==> flow/design.v <==
module mul_n #(
  parameter XLEN = 64,
  parameter KVAL = 365,
  parameter RES_W = XLEN + $clog2(KVAL + 1)
) (
  input wire i_clk,
  input wire aresetn,
  input wire [XLEN-1:0] dataa,
  output wire [RES_W-1:0] res
);
  reg [XLEN-1:0] dataa_q;
  always @(posedge i_clk or negedge aresetn) begin
    if (~aresetn) begin
      dataa_q <= 0;
    end else begin
      dataa_q <= dataa;
    end
  end
  reg [RES_W-1:0] res_q;
  always @(posedge i_clk or negedge aresetn) begin
    if (~aresetn) begin
      res_q <= 0;
    end else begin
      res_q <= dataa_q * KVAL;
    end
  end
  assign res = res_q;
endmodule
Reports on mul_n
What the tools print for mul_n, step after step.
Lines are those of the file above, counted from 1.
Library cell names are shortened.
{ "setup": {"design": "mul_n", "clock_port": "i_clk", "library": "sky130hd", "corner": "tt_025C_1v80"} }

Word level
Counts by Yosys on the flattened word-level netlist (proc, flatten, opt, wreduce; memories kept). Register bits leave out memories and registers merged into their read ports (data or address); mux counts leave out enables and synchronous resets folded into registers. Print and check cells are left out. Cells with the same type and inputs are merged into one.
{ "word_totals": {"regBits": 137, "input_bits": 66, "out_inout_bits": 73, "elab_cells": 3} }
{ "classes": {"multipliers": 1} }
{ "op_table": {"columns": ["cell", "n"], "rows": [
  ["64-bit by 9-bit multiplier with 73-bit output (second input constant)", 1]
]} }

Depth
Yosys ltp: most cells in a row. Word level: on the elaborated netlist, between registers, memories and ports. Mapped: between sequential cells and ports; inverters and the memories' decode and read muxes count.
{ "logic_depth": {"word_depth": 1, "ABC_AREA": 0, "depth_mapped": 20} }

Netlist
The flow's flattened synthesis, as Yosys stat reports it; memories are mapped. The netlist is that of the ABC_AREA named above (0 if unset); the other value can give another one.
{ "synth_totals": {"cells": 1412, "yosys_area_um2": 14849.2, "flip_flops": 137, "n_buf": 34} }
{ "by_type": {"columns": ["cell", "n", "type_area_um2"], "rows": [
  ["fa_1", 207, 4.14E+03],
  ["dfrtp_1", 137, 3.43E+03],
  ["ha_1", 186, 2.33E+03],
  ["inv_1", 298, 1.12E+03],
  ["xor2_1", 64, 560.538],
  ["a21o_1", 61, 457.939],
  ["xnor2_1", 49, 429.162],
  ["a21oi_1", 81, 405.389],
  ["nand2_1", 56, 210.202],
  ["o21ai_0", 41, 205.197],
  ["nand4_1", 26, 162.656],
  ["clkbuf_1", 33, 123.869],
  ["nor2_1", 30, 112.608],
  ["o21bai_1", 14, 105.101],
  ["a2111oi_4", 2, 55.053],
  ["a211oi_1", 7, 52.55],
  ["a22o_1", 6, 52.55],
  ["a41oi_1", 6, 52.55]
]} }
Not listed: further types 48, cells in them 108.

Path before layout
OpenSTA on the mapped netlist: ideal clock, no wires. The path of least setup slack (recovery checks aside). Input and output delay are each 20% of the period. Register names are those of the netlist, which keeps one name where synthesis merged equal registers.
{ "synth_path": {"path_type": "register to register", "from": "reg dataa_q[11]", "to": "reg res_q[66]", "clock_period_ps": 6420, "launch_ps": 0, "arrival_time_ps": 5007, "t_required_ps": 6290, "setup_slack_ps": 1283, "path_delay_ps": 5137, "driving_pins": 20, "synth_period_reached_ps": 5137} }
"path_delay_ps" = arrival - input delay + setup time.
"driving_pins": output pins that drive a net of the path, with the launching flip-flop's if there is one; two outputs of one cell count as two.
"synth_period_reached_ps" is the clock period less the worst setup slack; recovery checks do not enter. This is arithmetic on one report: input and output delays are still those of the set period (20% each).
The rows between start and end are the longest chain of elaborated cells between them; the timing report does not say that the signal goes this way. Where chains are equally long, one stands for them.
A line is the first line of the expression or statement that the cell stems from. Yosys adds cells for indexed reads and writes and turns some case tables into memories.
{ "synth_between": {"cell_sequence": "dfrtp_1 > ha_1 > clkbuf_1 > xor2_1 > ha_1 > fa_1 > inv_1 > fa_1 > inv_1 > ha_1 > nand2_1 > a2111oi_4 > o211ai_4 > a2111oi_4 > nor2_2 > o21ai_4 > a31oi_4 > o41ai_4 > a41oi_1 > xnor2_1", "elab_chain_cells": 1, "cells_between": 1, "lines_between": 1, "cone_classes": "mul: 1"} }
{ "synth_lines": {"columns": ["item", "line", "text"], "rows": [
  ["start: declaration", 11, "reg [XLEN-1:0] dataa_q;"],
  ["start: assignment", 14, "dataa_q <= 0;"],
  ["start: assignment", 16, "dataa_q <= dataa;"],
  ["64-bit by 9-bit multiplier with 73-bit output", 24, "res_q <= dataa_q * KVAL;"],
  ["end: assignment", 22, "res_q <= 0;"],
  ["end: assignment", 24, null],
  ["end: declaration", 19, "reg [RES_W-1:0] res_q;"]
]} }

Path in the finished layout
Path of least setup slack in the final report of run A (OpenROAD, finished layout, wires in). Where an end is a register, its clock arrival counts in the times.
The report prints the path's times to 10 ps; the period is as set.
{ "layout_path": {"path_type": "register to register", "from": "reg dataa_q[7]", "to": "reg res_q[57]", "clock_period_ps": 6420, "launch_ps": 460, "arrival_time_ps": 6170, "t_required_ps": 6790, "setup_slack_ps": 620, "driving_pins": 20} }
The rows between start and end are the longest chain of elaborated cells between them; the timing report does not say that the signal goes this way. Where chains are equally long, one stands for them.
{ "layout_between": {"cell_sequence": "dfrtp_1 > ha_1 > inv_1 > fa_1 > inv_1 > fa_1 > inv_1 > fa_1 > inv_1 > ha_1 > a21o_1 > a221oi_1 > o21ai_1 > a221o_1 > a31oi_1 > o31ai_1 > a21oi_1 > o21ai_0 > a21oi_1 > xnor2_1", "elab_chain_cells": 1, "cells_between": 1, "lines_between": 1, "cone_classes": "mul: 1"} }
{ "layout_lines": {"columns": ["item", "line", "text"], "rows": [
  ["start: declaration", 11, "reg [XLEN-1:0] dataa_q;"],
  ["start: assignment", 14, "dataa_q <= 0;"],
  ["start: assignment", 16, "dataa_q <= dataa;"],
  ["64-bit by 9-bit multiplier with 73-bit output", 24, "res_q <= dataa_q * KVAL;"],
  ["end: assignment", 22, "res_q <= 0;"],
  ["end: assignment", 24, null],
  ["end: declaration", 19, "reg [RES_W-1:0] res_q;"]
]} }

Measured data: module mul_n, platform sky130hd, 3 stored runs of the flow under differing settings, order arbitrary. Input and output delays are each 20% of the period that was set; the output load is 0.01 pF.
"achievedPeriod_ps" means the clock period less the worst setup slack. The figure is calculated, with input and output delays left at 20% of the set period.
[
  {
    "run": "run A",
    "settings": { "period_ns": 6.42, "CAP_MARGIN": 20, "CORE_MARGIN": 2, "CORE_UTILIZATION": 40, "SLEW_MARGIN": 20 },
    "results": { "synth_area_um2": 14849.2, "final_die_area_um2": 38681.1, "final_util_pct": 47.4, "worstSetupSlack_ps": 622, "setupTns_ps": 0, "achievedPeriod_ps": 5798 }
  },
  {
    "run": "run B",
    "settings": { "period_ns": 5.59, "CORE_UTILIZATION": 61, "PLACE_DENSITY_LB_ADDON": 0.17, "CELL_PAD_IN_SITES_GLOBAL_PLACEMENT": 2, "TNS_END_PERCENT": 75, "ABC_AREA": 0, "GPL_TIMING_DRIVEN": 1, "MIN_ROUTING_LAYER": "met1", "CAP_MARGIN": 20, "CORE_MARGIN": 2, "SLEW_MARGIN": 20 },
    "outcome": "unfinished; error FLW-0024 in placement"
  },
  {
    "run": "run C",
    "settings": { "period_ns": 9.97, "CORE_UTILIZATION": 18, "SETUP_SLACK_MARGIN": -0.5, "PLACE_DENSITY_LB_ADDON": 0.18, "CORE_MARGIN": 9, "CELL_PAD_IN_SITES_DETAIL_PLACEMENT": 2, "ABC_AREA": 1, "GPL_ROUTABILITY_DRIVEN": 1, "CTS_CLUSTER_DIAMETER": 326, "MIN_ROUTING_LAYER": "met2", "MAX_ROUTING_LAYER": "met4", "CAP_MARGIN": 20, "SLEW_MARGIN": 20 },
    "results": { "synth_area_um2": 16651.0, "final_die_area_um2": 103777.0, "final_util_pct": 22.0, "worstSetupSlack_ps": 4833, "setupTns_ps": 0, "achievedPeriod_ps": 5137 }
  }
]
